==> flow/design.v <==
module subtractor_top #(
    parameter int DW = 112
) (
    input logic clk,
    input logic srst,
    input logic ce,
    input logic [DW-1:0] first,
    input logic [DW-1:0] second,
    input logic dir,
    output logic [DW:0] res
);
    logic [DW-1:0] first_reg;
    logic [DW-1:0] second_reg;
    logic dir_reg;
    assign res = dir_reg ? first_reg - second_reg : first_reg + second_reg;
    always_ff @(posedge clk) begin
        if (srst) begin
            first_reg <= '0;
            second_reg <= '0;
            dir_reg <= 1'b0;
        end else if (ce) begin
            first_reg <= first;
            second_reg <= second;
            dir_reg <= dir;
        end
    end
endmodule
* Tool chain data of subtractor_top
The steps from the RTL of subtractor_top to its reports follow in flow order. Lines are those of the file above, counted from 1. Cell names lack the library's common part. The mark -- stands for no value.
Design: top subtractor_top, clock input clk, standard-cell library sky130hd, library corner tt_025C_1v80

* Word-level counts
Counts by Yosys on the flattened word-level netlist (proc, flatten, opt, wreduce; memories kept). Register bits leave out memories and registers merged into their read ports (data or address); mux counts leave out enables and synchronous resets folded into registers. Print and check cells are left out. Cells with the same type and inputs are merged into one.
Storage and ports: cells after elaboration 6, output and inout bits 113, bits of input ports 228, register bits after elaboration 225
Cells by class: muxes and demuxes 1, $add $sub $neg 2
Operators by type and width (number):
- 112-bit by 112-bit adder with 113-bit output | 1
- 112-bit by 112-bit subtractor with 113-bit output | 1
- 113-bit two-way mux | 1

* Longest topological paths
Yosys ltp: most cells in a row. Word level: on the elaborated netlist, between registers, memories and ports. Mapped: between sequential cells and ports; inverters and the memories' decode and read muxes count.
Logic depth: depth in word-level cells 2, ABC_AREA 0, gate-level depth with buffers 22, mapped depth without buffers 22

* After synthesis
Yosys stat after the flow's synthesis: flattened, memories mapped to cells. It holds for the ABC_AREA given above (unset counts as 0); a run with the other value may have another netlist. Totals and module areas in this step are rounded.
Cells by type:
- dfxtp_1 | number 225, area in all 4504.32 µm²
- mux2i_1 | number 227, area in all 2.27E+03 µm²
- nor2_1 | number 394, area in all 1.48E+03 µm²
- ha_1 | number 113, area in all 1.41E+03 µm²
- xnor2_1 | number 160, area in all 1.4E+03 µm²
- a21oi_1 | number 198, area in all 990.95 µm²
- a21o_1 | number 76, area in all 570.547 µm²
- nand2_1 | number 138, area in all 517.997 µm²
- o21ai_0 | number 94, area in all 470.451 µm²
- xor2_1 | number 53, area in all 464.195 µm²
- clkbuf_1 | number 90, area in all 337.824 µm²
- nand4_1 | number 45, area in all 281.52 µm²
- o21bai_1 | number 36, area in all 270.259 µm²
- nor3_1 | number 51, area in all 255.245 µm²
- a31oi_1 | number 37, area in all 231.472 µm²
- inv_1 | number 56, area in all 210.202 µm²
- nor4_1 | number 26, area in all 162.656 µm²
- and4_1 | number 15, area in all 131.376 µm²
Not listed: further types 56, cells in them 263.
Mapped netlist: sequential area 4500 µm², cell area after synthesis 18000 µm², flip-flops 225, standard cells after synthesis 2297, buffer cells 116

* Path before layout
Source: OpenSTA report_checks on the synthesized netlist (no wires, ideal clock, input and output delay 20% of the period each), path of least setup slack; recovery checks are left aside. Register names are those of the netlist, which keeps one name where synthesis merged equal registers.
Timing path after synthesis: kind reg-to-output, from register second_reg[7], to output res[112], arrival time 5.143 ns, path buffers 1, data required time 6.432 ns, time at the first pin 0.000 ns, stages on the path 21, path delay 5.143 ns, clock period 8.04 ns, external output delay 1.608 ns, path slack 1.289 ns, synthesis period reached 6.751 ns
"path delay" is the arrival time less input delay plus setup time. At an output port there is no setup time. "stages on the path" counts driving pins, that of a launching flip-flop among them; a cell with two outputs on the path counts twice. "synthesis period reached" = period - worst setup slack (recovery checks aside). The figure is calculated, with input and output delays left at 20% of the set period. The rows between start and end are the longest chain of elaborated cells between them; the timing report does not say that the signal goes this way. Where chains are equally long, one stands for them. Each line given opens the expression or statement behind the cell; cells for indexed reads and writes are added by Yosys, which also makes memories of some case tables.
Between the ends, after synthesis: path through dfxtp_1 > or4_1 > nor4_2 > nand4_1 > nor3_1 > a41oi_1 > nor2_1 > o21ai_0 > xnor2_1 > ha_1 > clkbuf_1 > a21oi_1 > o21ai_0 > a21o_1 > a21o_1 > a21o_1 > a211o_1 > a221o_1 > a221oi_1 > a21boi_0 > xor2_1, length of the longest elaborated chain 2, elaborated cells on any way between the ends 3, source lines of those cells 1, classes of those cells add/sub: 2; mux: 1
RTL lines, path after synthesis:
- start: declaration | line 13 | logic [DW-1:0] second_reg;
- start: assignment | line 19 | second_reg <= '0;
- start: assignment | line 23 | second_reg <= second;
- 112-bit by 112-bit adder with 113-bit output | line 15 | assign res = dir_reg ? first_reg - second_reg : first_reg + second_reg;
- 113-bit two-way mux | line 15
- end: declaration | line 10 | output logic [DW:0] res

* Worst path after layout
From the final timing report of entry A: the path of least setup slack in the routed layout; clock arrival at registers is part of the times.
Timing path post-layout: kind reg-to-output, from register second_reg[7], to output res[90], arrival time 6.30 ns, path slack 0.13 ns, clock period 8.04 ns, path buffers 2, external output delay 1.61 ns, stages on the path 20, time at the first pin 0.58 ns, data required time 6.43 ns
The rows between start and end are the longest chain of elaborated cells between them; the timing report does not say that the signal goes this way. Where chains are equally long, one stands for them.
Between the ends, post-layout: path through dfxtp_1 > or4_4 > nor4_1 > nand2_1 > nor3_1 > buf_4 > a21oi_1 > xnor2_1 > ha_1 > nand4_1 > nor4_2 > o21ai_1 > o221ai_2 > a21oi_4 > o31ai_4 > a21oi_4 > o31a_1 > o31ai_1 > xor2_1 > clkdlybuf4s50_1, length of the longest elaborated chain 2, elaborated cells on any way between the ends 3, source lines of those cells 1, classes of those cells add/sub: 2; mux: 1
RTL lines, path post-layout:
- start: declaration | line 13 | logic [DW-1:0] second_reg;
- start: assignment | line 19 | second_reg <= '0;
- start: assignment | line 23 | second_reg <= second;
- 112-bit by 112-bit adder with 113-bit output | line 15 | assign res = dir_reg ? first_reg - second_reg : first_reg + second_reg;
- 113-bit two-way mux | line 15
- end: declaration | line 10 | output logic [DW:0] res

Record of 3 stored runs of the RTL-to-layout flow on subtractor_top, platform sky130hd. The runs are unordered. Constraints: input delay and output delay 20% of the set period each, output load 0.01 pF.
"period reached" means the clock period less the worst setup slack. The figure is calculated, with input and output delays left at 20% of the set period.
"worst setup path time" is the time allowed to the run's worst setup path (the clock period less input and output delay, where it has them) less its slack. Clock arrival times count: a late capture clock shortens it, a late launch clock lengthens it.
"power consumption": no workload was simulated; the value follows from the tool's default switching activity.
The results are shown rounded.

* Entry A | settings: period_ns 8.04; CAP_MARGIN 20; CORE_MARGIN 2; CORE_UTILIZATION 40; SLEW_MARGIN 20 | results: setup slack of the worst path 0.13 ns; area of the die 46000 µm²; mapped cell area after synthesis 18000 µm²; final utilization 54%; period reached 7.912 ns; setup TNS 0.000 ns; power consumption 4100 uW; standard-cell area of the final layout 24000 µm²; worst setup path time 6.30 ns; worst setup path type reg-to-output; post-route worst hold slack 0.50 ns
* Entry B | settings: period_ns 8.65; CORE_UTILIZATION 58; SETUP_SLACK_MARGIN 0.11; PLACE_DENSITY 0.55; CORE_ASPECT_RATIO 1.75; ABC_AREA 0; GPL_ROUTABILITY_DRIVEN 0; CAP_MARGIN 20; CORE_MARGIN 2; SLEW_MARGIN 20 | results: setup slack of the worst path 0.28 ns; area of the die 32000 µm²; mapped cell area after synthesis 18000 µm²; final utilization 74%; period reached 8.373 ns; setup TNS 0.000 ns; power consumption 3600 uW; standard-cell area of the final layout 23000 µm²; worst setup path time 6.64 ns; worst setup path type reg-to-output; post-route worst hold slack 0.50 ns
* Entry C | settings: period_ns 9.24; CORE_UTILIZATION 54; SETUP_SLACK_MARGIN -0.83; CORE_ASPECT_RATIO 0.98; CELL_PAD_IN_SITES_DETAIL_PLACEMENT 2; TNS_END_PERCENT 100; GPL_TIMING_DRIVEN 1; CTS_CLUSTER_SIZE 93; CTS_CLUSTER_DIAMETER 381; MAX_ROUTING_LAYER met4; CAP_MARGIN 20; CORE_MARGIN 2; SLEW_MARGIN 20 | no results, placement failed with DPL-0033
